==> flow/design.v <==
module mux #(
   parameter DATA_WIDTH = 48
) (
   input  wire aclk,
   input  wire en,
   input  wire [DATA_WIDTH-1:0] bus0,
   input  wire [DATA_WIDTH-1:0] bus1,
   input  wire [DATA_WIDTH-1:0] bus2,
   input  wire [DATA_WIDTH-1:0] bus3,
   input  wire [DATA_WIDTH-1:0] bus4,
   input  wire [DATA_WIDTH-1:0] bus5,
   input  wire [DATA_WIDTH-1:0] bus6,
   input  wire [DATA_WIDTH-1:0] bus7,
   input  wire [DATA_WIDTH-1:0] bus8,
   input  wire [DATA_WIDTH-1:0] bus9,
   input  wire [DATA_WIDTH-1:0] bus10,
   input  wire [DATA_WIDTH-1:0] bus11,
   input  wire [DATA_WIDTH-1:0] bus12,
   input  wire [DATA_WIDTH-1:0] bus13,
   input  wire [DATA_WIDTH-1:0] bus14,
   input  wire [DATA_WIDTH-1:0] bus15,
   input  wire [3:0] choose,
   output reg [DATA_WIDTH-1:0] data_out
);
   reg [DATA_WIDTH-1:0] bus0_s;
   reg [DATA_WIDTH-1:0] bus1_s;
   reg [DATA_WIDTH-1:0] bus2_s;
   reg [DATA_WIDTH-1:0] bus3_s;
   reg [DATA_WIDTH-1:0] bus4_s;
   reg [DATA_WIDTH-1:0] bus5_s;
   reg [DATA_WIDTH-1:0] bus6_s;
   reg [DATA_WIDTH-1:0] bus7_s;
   reg [DATA_WIDTH-1:0] bus8_s;
   reg [DATA_WIDTH-1:0] bus9_s;
   reg [DATA_WIDTH-1:0] bus10_s;
   reg [DATA_WIDTH-1:0] bus11_s;
   reg [DATA_WIDTH-1:0] bus12_s;
   reg [DATA_WIDTH-1:0] bus13_s;
   reg [DATA_WIDTH-1:0] bus14_s;
   reg [DATA_WIDTH-1:0] bus15_s;
   reg [3:0] choose_s;
   always @(posedge aclk) begin
      if (en) begin
         bus0_s <= bus0;
         bus1_s <= bus1;
         bus2_s <= bus2;
         bus3_s <= bus3;
         bus4_s <= bus4;
         bus5_s <= bus5;
         bus6_s <= bus6;
         bus7_s <= bus7;
         bus8_s <= bus8;
         bus9_s <= bus9;
         bus10_s <= bus10;
         bus11_s <= bus11;
         bus12_s <= bus12;
         bus13_s <= bus13;
         bus14_s <= bus14;
         bus15_s <= bus15;
         choose_s <= choose;
      end
   end
   reg [DATA_WIDTH-1:0] nxt;
   always @(*) begin
      if (choose_s == 0) nxt = bus0_s;
      else if (choose_s == 1) nxt = bus1_s;
      else if (choose_s == 2) nxt = bus2_s;
      else if (choose_s == 3) nxt = bus3_s;
      else if (choose_s == 4) nxt = bus4_s;
      else if (choose_s == 5) nxt = bus5_s;
      else if (choose_s == 6) nxt = bus6_s;
      else if (choose_s == 7) nxt = bus7_s;
      else if (choose_s == 8) nxt = bus8_s;
      else if (choose_s == 9) nxt = bus9_s;
      else if (choose_s == 10) nxt = bus10_s;
      else if (choose_s == 11) nxt = bus11_s;
      else if (choose_s == 12) nxt = bus12_s;
      else if (choose_s == 13) nxt = bus13_s;
      else if (choose_s == 14) nxt = bus14_s;
      else nxt = bus15_s;
   end
   always @(posedge aclk) begin
      if (en) begin
         data_out <= nxt;
      end
   end
endmodule
# == Step by step through the tools: mux ==
# Tool output for the design above, in the order of the flow.
# Line numbers count from 1 in the design file above.
# Operators carry their Yosys type and port widths (W data, S select, Z words).
# The mark -- stands for no value.
# setup
design,mux
clk_port,aclk
library,sky130hd
pvt_corner,tt_025C_1v80

# == Word-level counts ==
# Yosys after proc, flatten, opt, wreduce and memory -nomap, before mapping. Enables and synchronous resets that opt folds into registers are not counted as muxes. Memory bits, and registers merged into a memory's read port (data or address), are not among the register bits. Print and check cells are not counted. Equal cells are merged and count once.
# word_totals
reg_bits,820
inputBits,774
output_inout_bits,48
wordCells,48
# op_classes
eq_ne,14
reduce_logical,1
muxes,15
# ops
operator,n
$mux W48,15
$eq A4 B4 Y1 const B,7
$eq A4 B3 Y1 const B,4
$eq A4 B2 Y1 const B,2
$eq A4 B1 Y1 const B,1
$logic_not A4 Y1,1

# == Longest topological paths ==
# Longest topological path by Yosys (ltp), each cell counted once; first at word level (registers and memories cut), then after technology mapping (sequential cells cut; the memories' decode and read muxes count).
# depth
ltp_word,16
abc_area,0
mapped_depth,9
ltp_nobuf,5

# == Mapped cells and area ==
# The flow's flattened synthesis, as Yosys stat reports it; memories are mapped. The netlist is that of the ABC_AREA named above (0 if unset); the other value can give another one.
# Totals and module areas in this step are rounded.
# mapped
seqArea_mm2,0.0246
ff_cells,820
n_buf,187
stdcells,2316
mapped_area_mm2,0.0341
# types
type,n,type_area_um2
sky130_fd_sc_hd__edfxtp_1,820,2.46E+04
sky130_fd_sc_hd__a21oi_1,174,870.835
sky130_fd_sc_hd__o21ai_0,125,625.6
sky130_fd_sc_hd__mux2i_1,62,620.595
sky130_fd_sc_hd__nor2_1,139,521.75
sky130_fd_sc_hd__buf_2,93,465.446
sky130_fd_sc_hd__o221ai_1,49,429.162
sky130_fd_sc_hd__mux2_2,38,427.91
sky130_fd_sc_hd__a22oi_1,55,412.896
sky130_fd_sc_hd__o22ai_1,65,406.64
sky130_fd_sc_hd__nand2_1,93,349.085
sky130_fd_sc_hd__o32ai_1,33,289.027
sky130_fd_sc_hd__nor2b_1,41,256.496
sky130_fd_sc_hd__clkbuf_1,54,202.694
sky130_fd_sc_hd__a2bb2oi_1,23,201.443
sky130_fd_sc_hd__o2bb2ai_1,20,175.168
sky130_fd_sc_hd__buf_4,23,172.666
sky130_fd_sc_hd__mux4_2,7,157.651
# Other cell types: 49; their cells: 402.

# == Timing after synthesis ==
# Path of least setup slack by OpenSTA after synthesis, without wires, with an ideal clock, recovery checks aside; 20% of the period is set as input and as output delay. Where synthesis merged equal registers, the netlist keeps one of their names.
# synth_timing
path_kind,register to register
from,register (name not given)
to,register data_out[38]
arrival_ps,1702
setup_ps,268
required_ps,2192
driving_pins,9
clock_period_ps,2460
path_delay_ps,1970
n_path_buf,4
t_first_pin_ps,0
path_slack_ps,490
synth_period_reached_ps,1970
# "path_delay_ps" = arrival - input delay + setup time.
# "driving_pins": output pins that drive a net of the path, with the launching flip-flop's if there is one; two outputs of one cell count as two.
# "synth_period_reached_ps" is the clock period less the worst setup slack; recovery checks do not enter. This is arithmetic on one report: input and output delays are still those of the set period (20% each).
# Between the ends stands the longest chain of elaborated cells between them, by number of cells; it is not shown to be the way that was timed. Of several equally long chains one is given.
# Each line given opens the expression or statement behind the cell; cells for indexed reads and writes are added by Yosys, which also makes memories of some case tables.
# synth_between
cell_sequence,sky130_fd_sc_hd__edfxtp_1 sky130_fd_sc_hd__buf_4 sky130_fd_sc_hd__buf_2 sky130_fd_sc_hd__nor2_2 sky130_fd_sc_hd__buf_4 sky130_fd_sc_hd__clkbuf_1 sky130_fd_sc_hd__o311ai_0 sky130_fd_sc_hd__o21ai_0 sky130_fd_sc_hd__a21oi_1
elab_chain_len,16
cells_between,30
lines_between,15
classes_between,eq/ne (14); mux (15); reduce/logical (1)
# synth_lines
element,line,rtl
start: declaration,41,
start: assignment,60,
$eq A4 B4 Y1,79,
$mux W48,79,
$mux W48,78,
$mux W48,77,
$mux W48,76,
$mux W48,75,
$mux W48,74,
[... 2 more ...],--,
$mux W48,71,
$mux W48,70,
$mux W48,69,
$mux W48,68,
$mux W48,67,
$mux W48,66,
$mux W48,65,
end: assignment,84,data_out <= nxt;
end: declaration,23,output reg [DATA_WIDTH-1:0] data_out

# == Worst path after layout ==
# Path of least setup slack in the final report of stored run 1 (OpenROAD, finished layout, wires in). Where an end is a register, its clock arrival counts in the times.
# The path's times are printed in steps of 10 ps; the period is the one set.
# layout_timing
path_kind,register to register
from,register (name not given)
to,register data_out[16]
required_ps,2810
driving_pins,8
path_slack_ps,-10
clock_period_ps,2460
t_first_pin_ps,630
arrival_ps,2820
setup_ps,270
n_path_buf,3
# Between the ends stands the longest chain of elaborated cells between them, by number of cells; it is not shown to be the way that was timed. Of several equally long chains one is given.
# layout_between
cell_sequence,sky130_fd_sc_hd__edfxtp_1 sky130_fd_sc_hd__buf_12 sky130_fd_sc_hd__buf_12 sky130_fd_sc_hd__mux2_2 sky130_fd_sc_hd__a222oi_1 sky130_fd_sc_hd__buf_4 sky130_fd_sc_hd__o21ai_0 sky130_fd_sc_hd__a2bb2oi_1
elab_chain_len,16
cells_between,30
lines_between,15
classes_between,eq/ne (14); mux (15); reduce/logical (1)
# layout_lines
element,line,rtl
start: declaration,41,
start: assignment,60,
$eq A4 B4 Y1,79,
$mux W48,79,
$mux W48,78,
$mux W48,77,
$mux W48,76,
$mux W48,75,
$mux W48,74,
[... 2 more ...],--,
$mux W48,71,
$mux W48,70,
$mux W48,69,
$mux W48,68,
$mux W48,67,
$mux W48,66,
$mux W48,65,
end: assignment,84,data_out <= nxt;
end: declaration,23,output reg [DATA_WIDTH-1:0] data_out

# Below are 3 stored runs of the flow (Yosys, OpenROAD; platform sky130hd) on mux, each with its settings and what was measured, unordered. Constraints: input delay and output delay 20% of the set period each, output load 0.01 pF.
# "clock_period_reached_ps" is the run's clock period less its worst setup slack. It is reckoned from that one timing run; input and output delays stay at 20% of the period that was set.
# By "timing.worst_path_ps" is meant the share of the clock period that the worst setup path is allowed (20% is reserved at inputs, 20% at outputs), minus its slack. Clock arrival times at its registers enter into it.
# "power.total_w" is the tool's figure for a default switching activity; nothing was simulated.
# "timing.worst_path_ps" is given in steps of 10 ps.
# Values from the reports are rounded here.
# Settings: - = not set for that run.
run,period_ns,CAP_MARGIN,CORE_MARGIN,CORE_UTILIZATION,SLEW_MARGIN,PLACE_DENSITY_LB_ADDON,CELL_PAD_IN_SITES_GLOBAL_PLACEMENT,TNS_END_PERCENT,ABC_AREA,GPL_TIMING_DRIVEN,CTS_CLUSTER_SIZE,CTS_CLUSTER_DIAMETER,MIN_ROUTING_LAYER,SETUP_SLACK_MARGIN,MAX_ROUTING_LAYER,final_stdcell_area_mm2,holdWs_ps,timing.worst_path_ps,critical_path_kind,post_synth_area_mm2,worst_setup_slack_ps,final_util_pct,clock_period_reached_ps,power.total_w,total_negative_slack_ps,final_die_area_mm2
stored run 1,2.46,20,2,40,20,-,-,-,-,-,-,-,-,-,-,0.0482,262,2470,register to register,0.0341,-6,56.7,2466,0.0365,-6,0.0877
stored run 2,2.22,20,2,30,35,0.04,1,5,1,1,62,260,met1,-,-,0.046,120,2780,register to register,0.033,-558,42.2,2778,0.0303,-22000,0.113
stored run 3,2.51,20,6,32,20,0.28,3,85,-,0,-,250,-,-0.22,met4,0.0478,364,2750,register to register,0.0341,-241,45.3,2751,0.0359,-6790,0.115
